==> flow/design.v <==
module alu_cmp #(
    parameter NBITS = 14
) (
    input aclk,
    input en,
    input signed [NBITS-1:0] op_a,
    input signed [NBITS-1:0] op_b,
    output below,
    output a_eq_b,
    output a_gt_b
);
    reg signed [NBITS-1:0] op_a_ff;
    reg signed [NBITS-1:0] op_b_ff;
    always @(posedge aclk) begin
        if (en) begin
            op_a_ff <= op_a;
            op_b_ff <= op_b;
        end
    end
    assign below = (op_a_ff < op_b_ff);
    assign a_eq_b = (op_a_ff == op_b_ff);
    assign a_gt_b = (op_a_ff > op_b_ff);
endmodule
### From RTL to reports: alu_cmp

Tool output for the design above, in the order of the flow.
Line numbers count from 1 in the design file above.
Library cell names are shortened.
Not given: n/a

| set-up | value |
|---|---|
| design top | alu_cmp |
| clock | aclk |
| cell library | sky130hd |
| library corner | tt_025C_1v80 |

### Elaborated design

Counts by Yosys on the flattened word-level netlist (proc, flatten, opt, wreduce; memories kept). Register bits leave out memories and registers merged into their read ports (data or address); mux counts leave out enables and synchronous resets folded into registers. Print and check cells are left out. Cells with the same type and inputs are merged into one.

| word-level totals | value |
|---|---|
| register bits | 28 |
| elaborated cells | 5 |

| cells by class | value |
|---|---|
| $lt $le $gt $ge | 2 |
| equal/unequal tests | 1 |

Operator list:

| operator | count |
|---|---|
| 14-bit greater-than comparator | 1 |
| 14-bit less-than comparator | 1 |
| 14-bit == test | 1 |

### Longest topological paths

Longest topological path by Yosys (ltp), each cell counted once; first at word level (registers and memories cut), then after technology mapping (sequential cells cut; the memories' decode and read muxes count).

| depth | value |
|---|---|
| depth in word-level cells | 1 |
| ABC_AREA | 0 |
| mapped depth | 7 |

### Netlist

Yosys stat after the flow's synthesis: flattened, memories mapped to cells. It holds for the ABC_AREA given above (unset counts as 0); a run with the other value may have another netlist.

Cells by type:

| cell | count | total area (sq um) |
|---|---|---|
| edfxtp_1 | 28 | 840.806 |
| ha_1 | 14 | 175.168 |
| inv_1 | 15 | 56.304 |
| a21oi_1 | 7 | 35.034 |
| a211oi_2 | 1 | 12.512 |
| nand4_1 | 2 | 12.512 |
| nand4_2 | 1 | 12.512 |
| nor4_2 | 1 | 12.512 |
| nand2_1 | 3 | 11.261 |
| mux2i_1 | 1 | 10.01 |
| o221ai_1 | 1 | 8.758 |
| xnor2_1 | 1 | 8.758 |
| a21o_1 | 1 | 7.507 |
| or2b_1 | 1 | 7.507 |
| nand3_1 | 1 | 5.005 |
| o21ai_0 | 1 | 5.005 |
| nor2_1 | 1 | 3.754 |

| synthesis totals | value |
|---|---|
| standard cells after synthesis | 80 |
| cell area after synthesis | 0.0012249 sq mm |
| sequential area | 0.0008408 sq mm |
| mapped flip-flops | 28 |
| buffers | 0 |

### Timing after synthesis

OpenSTA on the mapped netlist: ideal clock, no wires. The path of least setup slack (recovery checks aside). Input and output delay are each 20% of the period. Register names are those of the netlist, which keeps one name where synthesis merged equal registers.

| timing after synthesis | value |
|---|---|
| path kind | register to output |
| from | reg op_a_ff[5] |
| to | out a_gt_b |
| period | 2420 ps |
| external output delay | 484 ps |
| time at the first pin | 0 ps |
| arrival time | 1549 ps |
| path slack | 387 ps |
| path delay | 1549 ps |
| driving pins on the path | 6 |
| buffers on the path | 0 |
| period reached after synthesis | 2033 ps |

"path delay" is the arrival time less input delay plus setup time.
At an output port there is no setup time.
"driving pins on the path": output pins that drive a net of the path, with the launching flip-flop's if there is one; two outputs of one cell count as two.
"period reached after synthesis" is the clock period less the worst setup slack; recovery checks do not enter. This is arithmetic on one report: input and output delays are still those of the set period (20% each).
The rows between start and end are the longest chain of elaborated cells between them; the timing report does not say that the signal goes this way. Where chains are equally long, one stands for them.
Each line given opens the expression or statement behind the cell; cells for indexed reads and writes are added by Yosys, which also makes memories of some case tables.

| on the way, after synthesis | value |
|---|---|
| cells stage by stage | edfxtp_1 -> ha_1 -> nand4_1 -> o221ai_1 -> a211oi_2 -> mux2i_1 |
| cells in the longest elaborated chain | 1 |
| elaborated cells on any way between the ends | 1 |
| RTL lines with such cells | 1 |

RTL lines, path after synthesis:

| what | RTL line | RTL |
|---|---|---|
| from (decl) | 12 | `reg signed [NBITS-1:0] op_a_ff;` |
| from (assign) | 16 | `op_a_ff <= op_a;` |
| 14-bit greater-than comparator | 22 | `assign a_gt_b = (op_a_ff > op_b_ff);` |
| to (decl) | 10 | `output a_gt_b` |

### Worst path after layout

Path of least setup slack in the final report of entry A (OpenROAD, finished layout, wires in). Where an end is a register, its clock arrival counts in the times.
The path's times are printed in steps of 10 ps; the period is the one set.

| timing post-layout | value |
|---|---|
| path kind | register to output |
| from | reg op_a_ff[9] |
| to | out a_gt_b |
| period | 1920 ps |
| external output delay | 380 ps |
| time at the first pin | 260 ps |
| arrival time | 1880 ps |
| path slack | -350 ps |
| driving pins on the path | 8 |
| buffers on the path | 2 |

The rows between start and end are the longest chain of elaborated cells between them; the timing report does not say that the signal goes this way. Where chains are equally long, one stands for them.

| on the way, post-layout | value |
|---|---|
| cells stage by stage | edfxtp_1 -> ha_4 -> nand4_1 -> buf_4 -> nor4_4 -> or2b_1 -> mux2i_1 -> buf_2 |
| cells in the longest elaborated chain | 1 |
| elaborated cells on any way between the ends | 1 |
| RTL lines with such cells | 1 |

RTL lines, path post-layout:

| what | RTL line | RTL |
|---|---|---|
| from (decl) | 12 | `reg signed [NBITS-1:0] op_a_ff;` |
| from (assign) | 16 | `op_a_ff <= op_a;` |
| 14-bit greater-than comparator | 22 | `assign a_gt_b = (op_a_ff > op_b_ff);` |
| to (decl) | 10 | `output a_gt_b` |

Add stored flow runs of alu_cmp

Measured data: module alu_cmp, platform sky130hd, 3 stored runs of the flow under differing settings, order arbitrary. Input and output delays are each 20% of the period that was set; the output load is 0.01 pF.
"clock period reached": clock period set for the run, less the worst setup slack. It is reckoned from that one timing run; input and output delays stay at 20% of the period that was set.
"critical setup path time" is the time allowed to the run's worst setup path (the clock period less input and output delay, where it has them) less its slack. Clock arrival times count: a late capture clock shortens it, a late launch clock lengthens it.
"power consumption": no workload was simulated; the value follows from the tool's default switching activity.
"critical setup path time" is known to 10 ps.
A setting shown as n/a is not set for that run.

| setting or result | entry A | entry B | entry C |
|---|---|---|---|
| period_ns | 1.92 | 2.42 | 1.35 |
| CORE_UTILIZATION | 26 | 40 | 40 |
| PLACE_DENSITY | 0.56 | n/a | n/a |
| CORE_ASPECT_RATIO | 1.49 | n/a | n/a |
| CORE_MARGIN | 10 | 2 | 2 |
| CELL_PAD_IN_SITES_DETAIL_PLACEMENT | 0 | n/a | n/a |
| TNS_END_PERCENT | 95 | n/a | n/a |
| ABC_AREA | 0 | n/a | n/a |
| CTS_CLUSTER_DIAMETER | 384 | n/a | 266 |
| CAP_MARGIN | 20 | 20 | 20 |
| SLEW_MARGIN | 20 | 20 | 35 |
| SETUP_SLACK_MARGIN | n/a | n/a | 0.29 |
| PLACE_DENSITY_LB_ADDON | n/a | n/a | 0.1 |
| CELL_PAD_IN_SITES_GLOBAL_PLACEMENT | n/a | n/a | 2 |
| GPL_TIMING_DRIVEN | n/a | n/a | 1 |
| GPL_ROUTABILITY_DRIVEN | n/a | n/a | 0 |
| power consumption (mW) | 1.336 | 1.023 | 1.844 |
| standard-cell area after routing (sq mm) | 0.001863 | 0.0017742 | 0.001843 |
| critical setup path time (ps) | 1880 | 2040 | 1930 |
| worst setup path type | register to output | register to output | register to output |
| Yosys chip area after synthesis (sq mm) | 0.0012249 | 0.0012249 | 0.0012249 |
| clock period reached (ps) | 2266 | 2523 | 2202 |
| worst hold slack in the final report (ps) | 669 | 700 | 497 |
| final utilization (%) | 41.0 | 59.6 | 61.9 |
| setup slack of the worst path (ps) | -346 | -103 | -852 |
| sum of negative setup slack (ps) | -861 | -128 | -2309 |
| die outline area (sq mm) | 0.0079115 | 0.0035212 | 0.0035212 |
